==> flow/design.v <==
module dp_mul_core_n #(
  parameter integer DATA_W = 6
) (
  input wire i_clk,
  input wire resetn,
  input wire [DATA_W-1:0] opa,
  output wire [2*DATA_W-1:0] p
);
  reg [DATA_W-1:0] opa_reg;
  always @(posedge i_clk or negedge resetn) begin
    if (~resetn) begin
      opa_reg <= 0;
    end else begin
      opa_reg <= opa;
    end
  end
  assign p = opa_reg * opa_reg;
endmodule
Tool chain data of dp_mul_core_n

The steps from the RTL of dp_mul_core_n to its reports follow in flow order.
Lines are those of the file above, counted from 1.
Cell names lack the library's common part.
The mark -- stands for no value.

Design top: dp_mul_core_n
Clock port: i_clk
Library: sky130hd
Library corner: tt_025C_1v80

Word-level counts

Counts by Yosys on the flattened word-level netlist (proc, flatten, opt, wreduce; memories kept). Register bits leave out memories and registers merged into their read ports (data or address); mux counts leave out enables and synchronous resets folded into registers. Print and check cells are left out. Cells with the same type and inputs are merged into one.

Register bits after elaboration: 6
Input bits: 8
Output and inout port bits: 12
Word-level cells: 2

Multipliers: 1

Operators with widths:

| cell                                         | count |
| 6-bit by 6-bit multiplier with 12-bit output | 1 |

Depth

Yosys ltp: most cells in a row. Word level: on the elaborated netlist, between registers, memories and ports. Mapped: between sequential cells and ports; inverters and the memories' decode and read muxes count.

Depth after elaboration: 1
ABC_AREA: 0
Depth in mapped cells: 13
Mapped depth without buffers: 13

Synthesis result

Yosys stat after the flow's synthesis: flattened, memories mapped to cells. It holds for the ABC_AREA given above (unset counts as 0); a run with the other value may have another netlist.

Cells in the netlist: 105
Synthesis area: 930.9 um^2
Area of sequential cells: 150.1 um^2
Mapped flip-flops: 6
Buffer cells: 4

Cell types:

| cell type | count | total area (um^2) |
| ha_1      | 13    | 162.656 |
| fa_1      | 8     | 160.154 |
| dfrtp_1   | 6     | 150.144 |
| inv_1     | 20    | 75.072 |
| and2_1    | 10    | 62.56 |
| xnor2_1   | 5     | 43.792 |
| mux2i_1   | 3     | 30.029 |
| xor2_1    | 3     | 26.275 |
| nor2b_1   | 4     | 25.024 |
| nand2_1   | 6     | 22.522 |
| nor2_1    | 5     | 18.768 |
| a21oi_2   | 2     | 17.517 |
| buf_4     | 2     | 15.014 |
| o21a_1    | 2     | 15.014 |
| buf_6     | 1     | 11.261 |
| a21oi_1   | 2     | 10.01 |
| and4b_1   | 1     | 10.01 |
| nand3_1   | 2     | 10.01 |

Other cell types: 10; their cells: 10.

Path before layout

Source: OpenSTA report_checks on the synthesized netlist (no wires, ideal clock, input and output delay 20% of the period each), path of least setup slack; recovery checks are left aside. Register names are those of the netlist, which keeps one name where synthesis merged equal registers.

Path kind: register -> output
Start point: register opa_reg[0]
End point: output p[11]
Clock period: 5130 ps
External output delay: 1026 ps
Time at the first pin: 0 ps
Data arrival time: 3283 ps
Required time: 4104 ps
Setup slack: 821 ps
Delay of the path: 3283 ps
Stages: 12
Buffers on the path: 0
Synthesis period reached: 4309 ps

"delay of the path" is the arrival time less input delay plus setup time.
At an output port there is no setup time.
"stages" counts driving pins, that of a launching flip-flop among them; a cell with two outputs on the path counts twice.
"synthesis period reached" is the clock period less the worst setup slack; recovery checks do not enter. This is arithmetic on one report: input and output delays are still those of the set period (20% each).
The rows between start and end are the longest chain of elaborated cells between them; the timing report does not say that the signal goes this way. Where chains are equally long, one stands for them.
Each line given opens the expression or statement behind the cell; cells for indexed reads and writes are added by Yosys, which also makes memories of some case tables.

Cell sequence: dfrtp_1 -> and2_1 -> fa_1 -> inv_1 -> fa_1 -> fa_1 -> inv_1 -> ha_1 -> a21o_1 -> a21oi_2 -> o21a_1 -> xor2_1
Length of the longest elaborated chain: 1
Elaborated cells on any way between the ends: 1
Source lines of those cells: 1
Those cells by class: mul: 1

RTL lines, path post-synthesis:

| what                                         | line | text |
| from (decl)                                  | 9    | `reg [DATA_W-1:0] opa_reg;` |
| from (assign)                                | 12   | `opa_reg <= 0;` |
| from (assign)                                | 14   | `opa_reg <= opa;` |
| 6-bit by 6-bit multiplier with 12-bit output | 17   | `assign p = opa_reg * opa_reg;` |
| to (decl)                                    | 7    | `output wire [2*DATA_W-1:0] p` |

Worst path after layout

Path of least setup slack in the final report of entry A (OpenROAD, finished layout, wires in). Where an end is a register, its clock arrival counts in the times.
The path's times are printed in steps of 10 ps; the period is the one set.

Path kind: register -> output
Start point: register opa_reg[0]
End point: output p[6]
Clock period: 5130 ps
External output delay: 1030 ps
Time at the first pin: 230 ps
Data arrival time: 3850 ps
Required time: 4100 ps
Setup slack: 250 ps
Stages: 12
Buffers on the path: 1

The rows between start and end are the longest chain of elaborated cells between them; the timing report does not say that the signal goes this way. Where chains are equally long, one stands for them.

Cell sequence: dfrtp_1 -> and2_1 -> fa_1 -> inv_1 -> fa_1 -> fa_1 -> inv_1 -> ha_1 -> and3b_1 -> nor2_1 -> xnor2_1 -> clkdlybuf4s50_1
Length of the longest elaborated chain: 1
Elaborated cells on any way between the ends: 1
Source lines of those cells: 1
Those cells by class: mul: 1

RTL lines, path post-layout:

| what                                         | line | text |
| from (decl)                                  | 9    | `reg [DATA_W-1:0] opa_reg;` |
| from (assign)                                | 12   | `opa_reg <= 0;` |
| from (assign)                                | 14   | `opa_reg <= opa;` |
| 6-bit by 6-bit multiplier with 12-bit output | 17   | `assign p = opa_reg * opa_reg;` |
| to (decl)                                    | 7    | `output wire [2*DATA_W-1:0] p` |

# Flow runs of dp_mul_core_n

Design dp_mul_core_n on sky130hd. What follows are 3 stored runs of the flow, each under its own settings; their order means nothing. The constraints put input and output delay at 20% of the set period each and load the outputs with 0.01 pF.
By "achieved period" is meant the clock period of the run minus its worst setup slack. This is arithmetic on one report: input and output delays are still those of the set period (20% each).
"worst path time" is the time allowed to the run's worst setup path (the clock period less input and output delay, where it has them) less its slack. Clock arrival times count: a late capture clock shortens it, a late launch clock lengthens it.
"power consumption": no workload was simulated; the value follows from the tool's default switching activity.
"worst path time" is known to 10 ps.

## Entry A

==> flow/run.sh <==
#!/bin/bash
# the make line also repeats the synthesis and layout settings of config.mk as NAME=value (left out here)
make -C /OpenROAD-flow-scripts/flow DESIGN_CONFIG=/design/flow/config.mk WORK_HOME=/design/flow/orfs CLKGATE_MAP_FILE= finish
==> flow/config.mk <==
export PLATFORM = sky130hd
export DESIGN_NAME = dp_mul_core_n
export DESIGN_NICKNAME = dp_mul_core_n
export VERILOG_FILES = /design/flow/design.v
export SDC_FILE = /design/flow/constraint.sdc
export NUM_CORES = 4
export LEC_CHECK = 0
export CAP_MARGIN = 20
export CORE_MARGIN = 2
export CORE_UTILIZATION = 40
export SLEW_MARGIN = 20
==> flow/constraint.sdc <==
create_clock -name core_clock -period 5.13 [get_ports {i_clk}]
set_input_delay 1.0260 -clock core_clock [delete_from_list [all_inputs] [get_ports {i_clk}]]
set_output_delay 1.0260 -clock core_clock [all_outputs]
set_load 0.01 [all_outputs]

| result of entry A | value |
|---|---|
| full die area | 2729.0 um^2 |
| utilization after routing | 0.525 |
| setup slack of the worst path | 255 ps |
| power consumption | 0.3157 mW |
| achieved period | 4875 ps |
| worst path time | 3850 ps |
| type of the worst setup path | register -> output |
| setup total negative slack | 0 ps |
| mapped cell area after synthesis | 930.9 um^2 |
| standard-cell area after layout | 1162.4 um^2 |

## Entry B

==> flow/run.sh <==
#!/bin/bash
# the make line also repeats the synthesis and layout settings of config.mk as NAME=value (left out here)
make -C /OpenROAD-flow-scripts/flow DESIGN_CONFIG=/design/flow/config.mk WORK_HOME=/design/flow/orfs CLKGATE_MAP_FILE= finish
==> flow/config.mk <==
export PLATFORM = sky130hd
export DESIGN_NAME = dp_mul_core_n
export DESIGN_NICKNAME = dp_mul_core_n
export VERILOG_FILES = /design/flow/design.v
export SDC_FILE = /design/flow/constraint.sdc
export NUM_CORES = 4
export LEC_CHECK = 0
export CAP_MARGIN = 20
export CELL_PAD_IN_SITES_DETAIL_PLACEMENT = 0
export CELL_PAD_IN_SITES_GLOBAL_PLACEMENT = 1
export CORE_MARGIN = 2
export CORE_UTILIZATION = 40
export GPL_TIMING_DRIVEN = 0
export PLACE_DENSITY_LB_ADDON = 0.22
export SETUP_SLACK_MARGIN = 0.85
export SLEW_MARGIN = 20
==> flow/constraint.sdc <==
create_clock -name core_clock -period 5.22 [get_ports {i_clk}]
set_input_delay 1.0440 -clock core_clock [delete_from_list [all_inputs] [get_ports {i_clk}]]
set_output_delay 1.0440 -clock core_clock [all_outputs]
set_load 0.01 [all_outputs]

| result of entry B | value |
|---|---|
| power consumption | 0.3308 mW |
| full die area | 2729.0 um^2 |
| setup total negative slack | 0 ps |
| mapped cell area after synthesis | 930.9 um^2 |
| worst path time | 3470 ps |
| type of the worst setup path | register -> output |
| setup slack of the worst path | 705 ps |
| standard-cell area after layout | 1242.4 um^2 |
| utilization after routing | 0.562 |
| achieved period | 4515 ps |

## Entry C

==> flow/run.sh <==
#!/bin/bash
# the make line also repeats the synthesis and layout settings of config.mk as NAME=value (left out here)
make -C /OpenROAD-flow-scripts/flow DESIGN_CONFIG=/design/flow/config.mk WORK_HOME=/design/flow/orfs CLKGATE_MAP_FILE= finish
==> flow/config.mk <==
export PLATFORM = sky130hd
export DESIGN_NAME = dp_mul_core_n
export DESIGN_NICKNAME = dp_mul_core_n
export VERILOG_FILES = /design/flow/design.v
export SDC_FILE = /design/flow/constraint.sdc
export NUM_CORES = 4
export LEC_CHECK = 0
export ABC_AREA = 0
export CAP_MARGIN = 20
export CORE_ASPECT_RATIO = 0.7
export CORE_MARGIN = 2
export CORE_UTILIZATION = 34
export GPL_ROUTABILITY_DRIVEN = 0
export PLACE_DENSITY_LB_ADDON = 0.2
export SLEW_MARGIN = 25
==> flow/constraint.sdc <==
create_clock -name core_clock -period 3.97 [get_ports {i_clk}]
set_input_delay 0.7940 -clock core_clock [delete_from_list [all_inputs] [get_ports {i_clk}]]
set_output_delay 0.7940 -clock core_clock [all_outputs]
set_load 0.01 [all_outputs]

| result of entry C | value |
|---|---|
| power consumption | 0.5008 mW |
| achieved period | 4207 ps |
| worst path time | 3410 ps |
| type of the worst setup path | register -> output |
| setup slack of the worst path | -237 ps |
| utilization after routing | 0.528 |
| mapped cell area after synthesis | 930.9 um^2 |
| full die area | 3179.3 um^2 |
| standard-cell area after layout | 1338.8 um^2 |
| setup total negative slack | -889 ps |
